==> flow/design.v <==
module gen_order #(
  parameter integer W = 8
) (
  input logic i_clk,
  input logic RSTN,
  input logic [W-1:0] src1_i,
  input logic [W-1:0] src2_i,
  output logic is_gt_o,
  output logic is_lt_o
);
  logic [W-1:0] src1_ff;
  always_ff @(posedge i_clk or negedge RSTN) begin
    if (!RSTN) begin
      src1_ff <= '0;
    end else begin
      src1_ff <= src1_i;
    end
  end
  logic [W-1:0] src2_ff;
  always_ff @(posedge i_clk or negedge RSTN) begin
    if (!RSTN) begin
      src2_ff <= '0;
    end else begin
      src2_ff <= src2_i;
    end
  end
  logic g;
  logic l;
  always_comb begin
    g = 1'b0;
    l = 1'b0;
    for (int idx = W-1; idx >= 0; idx = idx - 1) begin
      if (!g && !l) begin
        g = src1_ff[idx] & ~src2_ff[idx];
        l = ~src1_ff[idx] & src2_ff[idx];
      end
    end
  end
  assign is_gt_o = g;
  assign is_lt_o = l;
endmodule
Step by step through the tools: gen_order
The steps from the RTL of gen_order to its reports follow in flow order.
Line numbers count from 1 in the design file above.
{"block": "setup", "design": "gen_order", "clk_port": "i_clk", "cell_library": "sky130hd", "pvt_corner": "tt_025C_1v80"}

Word level
Yosys after proc, flatten, opt, wreduce and memory -nomap, before mapping. Enables and synchronous resets that opt folds into registers are not counted as muxes. Memory bits, and registers merged into a memory's read port (data or address), are not among the register bits. Print and check cells are not counted. Equal cells are merged and count once.
{"block": "classes", "reduce_logical": 21, "n_logic": 32, "n_mux": 14}
{"block": "op_table", "cell": "1-bit bitwise AND", "n": 16}
{"block": "op_table", "cell": "1-bit NOT", "n": 16}
{"block": "op_table", "cell": "1-bit zero test", "n": 14}
{"block": "op_table", "cell": "1-bit two-way mux", "n": 14}
{"block": "op_table", "cell": "1-bit logical AND", "n": 7}
{"block": "bits", "regBits": 16}

Logic depth
Longest topological path by Yosys (ltp), each cell counted once; first at word level (registers and memories cut), then after technology mapping (sequential cells cut; the memories' decode and read muxes count).
{"block": "depth", "depth_word": 23, "abc_area": 0, "ltp_mapped": 6}

Synthesis result
The flow's flattened synthesis, as Yosys stat reports it; memories are mapped. The netlist is that of the ABC_AREA named above (0 if unset); the other value can give another one.
The area totals of this step are shown rounded.
{"block": "mapped", "ffs": 16, "stdcells": 52, "mapped_area_mm2": 0.000648}
{"block": "by_type", "type": "sky130_fd_sc_hd__dfrtp_1", "n": 16, "type_area_um2": 400.384}
{"block": "by_type", "type": "sky130_fd_sc_hd__maj3_2", "n": 3, "type_area_um2": 33.782}
{"block": "by_type", "type": "sky130_fd_sc_hd__maj3_1", "n": 3, "type_area_um2": 30.029}
{"block": "by_type", "type": "sky130_fd_sc_hd__inv_1", "n": 7, "type_area_um2": 26.275}
{"block": "by_type", "type": "sky130_fd_sc_hd__ha_1", "n": 2, "type_area_um2": 25.024}
{"block": "by_type", "type": "sky130_fd_sc_hd__nand2b_1", "n": 3, "type_area_um2": 18.768}
{"block": "by_type", "type": "sky130_fd_sc_hd__nor2b_1", "n": 2, "type_area_um2": 12.512}
{"block": "by_type", "type": "sky130_fd_sc_hd__a21oi_1", "n": 2, "type_area_um2": 10.01}
{"block": "by_type", "type": "sky130_fd_sc_hd__nand3_1", "n": 2, "type_area_um2": 10.01}
{"block": "by_type", "type": "sky130_fd_sc_hd__nor3_1", "n": 2, "type_area_um2": 10.01}
{"block": "by_type", "type": "sky130_fd_sc_hd__o21ai_0", "n": 2, "type_area_um2": 10.01}
{"block": "by_type", "type": "sky130_fd_sc_hd__a21oi_2", "n": 1, "type_area_um2": 8.758}
{"block": "by_type", "type": "sky130_fd_sc_hd__a221oi_1", "n": 1, "type_area_um2": 8.758}
{"block": "by_type", "type": "sky130_fd_sc_hd__nor2b_2", "n": 1, "type_area_um2": 8.758}
{"block": "by_type", "type": "sky130_fd_sc_hd__o221ai_1", "n": 1, "type_area_um2": 8.758}
{"block": "by_type", "type": "sky130_fd_sc_hd__or3b_1", "n": 1, "type_area_um2": 8.758}
{"block": "by_type", "type": "sky130_fd_sc_hd__a211oi_1", "n": 1, "type_area_um2": 7.507}
{"block": "by_type", "type": "sky130_fd_sc_hd__and3_1", "n": 1, "type_area_um2": 6.256}
{"block": "by_type", "type": "sky130_fd_sc_hd__nor2_1", "n": 1, "type_area_um2": 3.754}

Timing after synthesis
Path of least setup slack by OpenSTA after synthesis, without wires, with an ideal clock, recovery checks aside; 20% of the period is set as input and as output delay. Where synthesis merged equal registers, the netlist keeps one of their names.
{"block": "synth_path", "path_kind": "register -> output", "startpoint": "register src1_ff[4]", "endpoint": "output is_gt_o", "t_required_ns": 1.792, "path_delay_ns": 1.431, "tclk_ns": 2.24, "setup_slack_ns": 0.361, "t_first_pin_ns": 0.000, "arrival_ns": 1.431, "driving_pins": 6, "synth_period_reached_ns": 1.879}
"path_delay_ns" is the arrival time less input delay plus setup time.
A path that ends at an output port has no setup time.
"driving_pins" counts driving pins, that of a launching flip-flop among them; a cell with two outputs on the path counts twice.
"synth_period_reached_ns" = period - worst setup slack (recovery checks aside). The figure is calculated, with input and output delays left at 20% of the set period.
The rows between start and end are the longest chain of elaborated cells between them; the timing report does not say that the signal goes this way. Where chains are equally long, one stands for them.
A line is the first line of the expression or statement that the cell stems from. Yosys adds cells for indexed reads and writes and turns some case tables into memories.
{"block": "synth_via", "cell_sequence": "sky130_fd_sc_hd__dfrtp_1 > sky130_fd_sc_hd__nand2b_1 > sky130_fd_sc_hd__maj3_2 > sky130_fd_sc_hd__a21oi_2 > sky130_fd_sc_hd__a221oi_1 > sky130_fd_sc_hd__or3b_1", "elab_chain_len": 15}
{"block": "synth_lines", "item": "start: declaration", "line": 11, "text": "logic [W-1:0] src1_ff;"}
{"block": "synth_lines", "item": "start: assignment", "line": 14, "text": "src1_ff <= '0;"}
{"block": "synth_lines", "item": "start: assignment", "line": 16, "text": "src1_ff <= src1_i;"}
{"block": "synth_lines", "item": "1-bit NOT", "line": 35, "text": "l = ~src1_ff[idx] & src2_ff[idx];"}
{"block": "synth_lines", "item": "1-bit bitwise AND", "line": 35}
{"block": "synth_lines", "item": "1-bit two-way mux", "line": 33, "text": "if (!g && !l) begin"}
{"block": "synth_lines", "item": "1-bit zero test", "line": 33}
{"block": "synth_lines", "item": "1-bit logical AND", "line": 33}
{"block": "synth_lines", "item": "1-bit two-way mux", "line": 33}
{"block": "synth_lines", "item": "1-bit zero test", "line": 33}
{"block": "synth_lines", "item": "1-bit logical AND", "line": 33}
{"block": "synth_lines", "item": "1-bit two-way mux", "line": 33}
{"block": "synth_lines", "item": "1-bit zero test", "line": 33}
{"block": "synth_lines", "item": "1-bit logical AND", "line": 33}
{"block": "synth_lines", "item": "1-bit two-way mux", "line": 33}
{"block": "synth_lines", "item": "1-bit zero test", "line": 33}
{"block": "synth_lines", "item": "1-bit logical AND", "line": 33}
{"block": "synth_lines", "item": "1-bit two-way mux", "line": 33}
{"block": "synth_lines", "item": "end: declaration", "line": 8, "text": "output logic is_gt_o,"}

Worst path after layout
From the final timing report of run 1: the path of least setup slack in the routed layout; clock arrival at registers is part of the times.
{"block": "layout_path", "path_kind": "register -> output", "startpoint": "register src1_ff[4]", "endpoint": "output is_gt_o", "t_required_ns": 2.74, "driving_pins": 7, "setup_slack_ns": 0.54, "arrival_ns": 2.19, "t_first_pin_ns": 0.24, "tclk_ns": 3.42}
The rows between start and end are the longest chain of elaborated cells between them; the timing report does not say that the signal goes this way. Where chains are equally long, one stands for them.
{"block": "layout_via", "cell_sequence": "sky130_fd_sc_hd__dfrtp_1 > sky130_fd_sc_hd__nand2b_1 > sky130_fd_sc_hd__maj3_2 > sky130_fd_sc_hd__a21oi_2 > sky130_fd_sc_hd__a221oi_1 > sky130_fd_sc_hd__or3b_1 > sky130_fd_sc_hd__clkdlybuf4s50_1", "elab_chain_len": 15}
{"block": "layout_lines", "item": "start: declaration", "line": 11, "text": "logic [W-1:0] src1_ff;"}
{"block": "layout_lines", "item": "start: assignment", "line": 14, "text": "src1_ff <= '0;"}
{"block": "layout_lines", "item": "start: assignment", "line": 16, "text": "src1_ff <= src1_i;"}
{"block": "layout_lines", "item": "1-bit NOT", "line": 35, "text": "l = ~src1_ff[idx] & src2_ff[idx];"}
{"block": "layout_lines", "item": "1-bit bitwise AND", "line": 35}
{"block": "layout_lines", "item": "1-bit two-way mux", "line": 33, "text": "if (!g && !l) begin"}
{"block": "layout_lines", "item": "1-bit zero test", "line": 33}
{"block": "layout_lines", "item": "1-bit logical AND", "line": 33}
{"block": "layout_lines", "item": "1-bit two-way mux", "line": 33}
{"block": "layout_lines", "item": "1-bit zero test", "line": 33}
{"block": "layout_lines", "item": "1-bit logical AND", "line": 33}
{"block": "layout_lines", "item": "1-bit two-way mux", "line": 33}
{"block": "layout_lines", "item": "1-bit zero test", "line": 33}
{"block": "layout_lines", "item": "1-bit logical AND", "line": 33}
{"block": "layout_lines", "item": "1-bit two-way mux", "line": 33}
{"block": "layout_lines", "item": "1-bit zero test", "line": 33}
{"block": "layout_lines", "item": "1-bit logical AND", "line": 33}
{"block": "layout_lines", "item": "1-bit two-way mux", "line": 33}
{"block": "layout_lines", "item": "end: declaration", "line": 8, "text": "output logic is_gt_o,"}

Lab notebook: gen_order

Module gen_order, platform sky130hd: 3 stored runs of the flow (Yosys, OpenROAD) with differing settings, in no particular order. Input and output delays are each 20% of the period that was set; the output load is 0.01 pF.
"critical_path_time_ns" = time allowed to the worst setup path (clock period - input delay - output delay, where it has them) - its slack; a late launch clock adds to it, a late capture clock takes from it.
By "power_total_uw" is meant OpenSTA's value without simulated activity: inputs other than the clock are taken to toggle once in ten clock periods, and the tool carries that through the logic.
Results are given in rounded form.

Run 1
==> flow/run.sh <==
#!/bin/bash
# the make line also repeats the synthesis and layout settings of config.mk as NAME=value (left out here)
make -C /OpenROAD-flow-scripts/flow DESIGN_CONFIG=/design/flow/config.mk WORK_HOME=/design/flow/orfs CLKGATE_MAP_FILE= finish
==> flow/config.mk <==
export PLATFORM = sky130hd
export DESIGN_NAME = gen_order
export DESIGN_NICKNAME = gen_order
export VERILOG_FILES = /design/flow/design.v
export SDC_FILE = /design/flow/constraint.sdc
export NUM_CORES = 4
export LEC_CHECK = 0
export CAP_MARGIN = 20
export CELL_PAD_IN_SITES_DETAIL_PLACEMENT = 2
export CORE_MARGIN = 2
export CORE_UTILIZATION = 16
export GPL_ROUTABILITY_DRIVEN = 0
export PLACE_DENSITY_LB_ADDON = 0.12
export SLEW_MARGIN = 15
export TNS_END_PERCENT = 20
==> flow/constraint.sdc <==
create_clock -name core_clock -period 3.42 [get_ports {i_clk}]
set_input_delay 0.6840 -clock core_clock [delete_from_list [all_inputs] [get_ports {i_clk}]]
set_output_delay 0.6840 -clock core_clock [all_outputs]
set_load 0.01 [all_outputs]

==> results of run 1, as JSON <==
{
  "critical_path_time_ns": 2.19,
  "critical_path_kind": "register -> output",
  "setup_worst_slack_ns": 0.542,
  "design.die.area_mm2": 0.00458,
  "post_route_util_pct": 24.2,
  "finalCellArea_mm2": 0.000956,
  "power_total_uw": 430,
  "timing.setup.tns_ns": 0.000,
  "synthArea_mm2": 0.000648
}

Run 2
==> flow/run.sh <==
#!/bin/bash
# the make line also repeats the synthesis and layout settings of config.mk as NAME=value (left out here)
make -C /OpenROAD-flow-scripts/flow DESIGN_CONFIG=/design/flow/config.mk WORK_HOME=/design/flow/orfs CLKGATE_MAP_FILE= finish
==> flow/config.mk <==
export PLATFORM = sky130hd
export DESIGN_NAME = gen_order
export DESIGN_NICKNAME = gen_order
export VERILOG_FILES = /design/flow/design.v
export SDC_FILE = /design/flow/constraint.sdc
export NUM_CORES = 4
export LEC_CHECK = 0
export ABC_AREA = 1
export CAP_MARGIN = 20
export CELL_PAD_IN_SITES_DETAIL_PLACEMENT = 1
export CELL_PAD_IN_SITES_GLOBAL_PLACEMENT = 0
export CORE_MARGIN = 2
export CORE_UTILIZATION = 25
export PLACE_DENSITY_LB_ADDON = 0.26
export SLEW_MARGIN = 20
==> flow/constraint.sdc <==
create_clock -name core_clock -period 2.11 [get_ports {i_clk}]
set_input_delay 0.4220 -clock core_clock [delete_from_list [all_inputs] [get_ports {i_clk}]]
set_output_delay 0.4220 -clock core_clock [all_outputs]
set_load 0.01 [all_outputs]

==> results of run 2, as JSON <==
{
  "critical_path_time_ns": 1.95,
  "critical_path_kind": "register -> output",
  "setup_worst_slack_ns": -0.264,
  "design.die.area_mm2": 0.00336,
  "post_route_util_pct": 39.8,
  "finalCellArea_mm2": 0.0011,
  "power_total_uw": 644,
  "timing.setup.tns_ns": -0.527,
  "synthArea_mm2": 0.000727
}

Run 3
==> flow/run.sh <==
#!/bin/bash
# the make line also repeats the synthesis and layout settings of config.mk as NAME=value (left out here)
make -C /OpenROAD-flow-scripts/flow DESIGN_CONFIG=/design/flow/config.mk WORK_HOME=/design/flow/orfs CLKGATE_MAP_FILE= finish
==> flow/config.mk <==
export PLATFORM = sky130hd
export DESIGN_NAME = gen_order
export DESIGN_NICKNAME = gen_order
export VERILOG_FILES = /design/flow/design.v
export SDC_FILE = /design/flow/constraint.sdc
export NUM_CORES = 4
export LEC_CHECK = 0
export CAP_MARGIN = 20
export CORE_MARGIN = 2
export CORE_UTILIZATION = 40
export SLEW_MARGIN = 20
==> flow/constraint.sdc <==
create_clock -name core_clock -period 2.24 [get_ports {i_clk}]
set_input_delay 0.4480 -clock core_clock [delete_from_list [all_inputs] [get_ports {i_clk}]]
set_output_delay 0.4480 -clock core_clock [all_outputs]
set_load 0.01 [all_outputs]

==> results of run 3, as JSON <==
{
  "critical_path_time_ns": 1.87,
  "critical_path_kind": "register -> output",
  "setup_worst_slack_ns": -0.075,
  "design.die.area_mm2": 0.00196,
  "post_route_util_pct": 60.5,
  "finalCellArea_mm2": 0.000911,
  "power_total_uw": 586,
  "timing.setup.tns_ns": -0.075,
  "synthArea_mm2": 0.000648
}
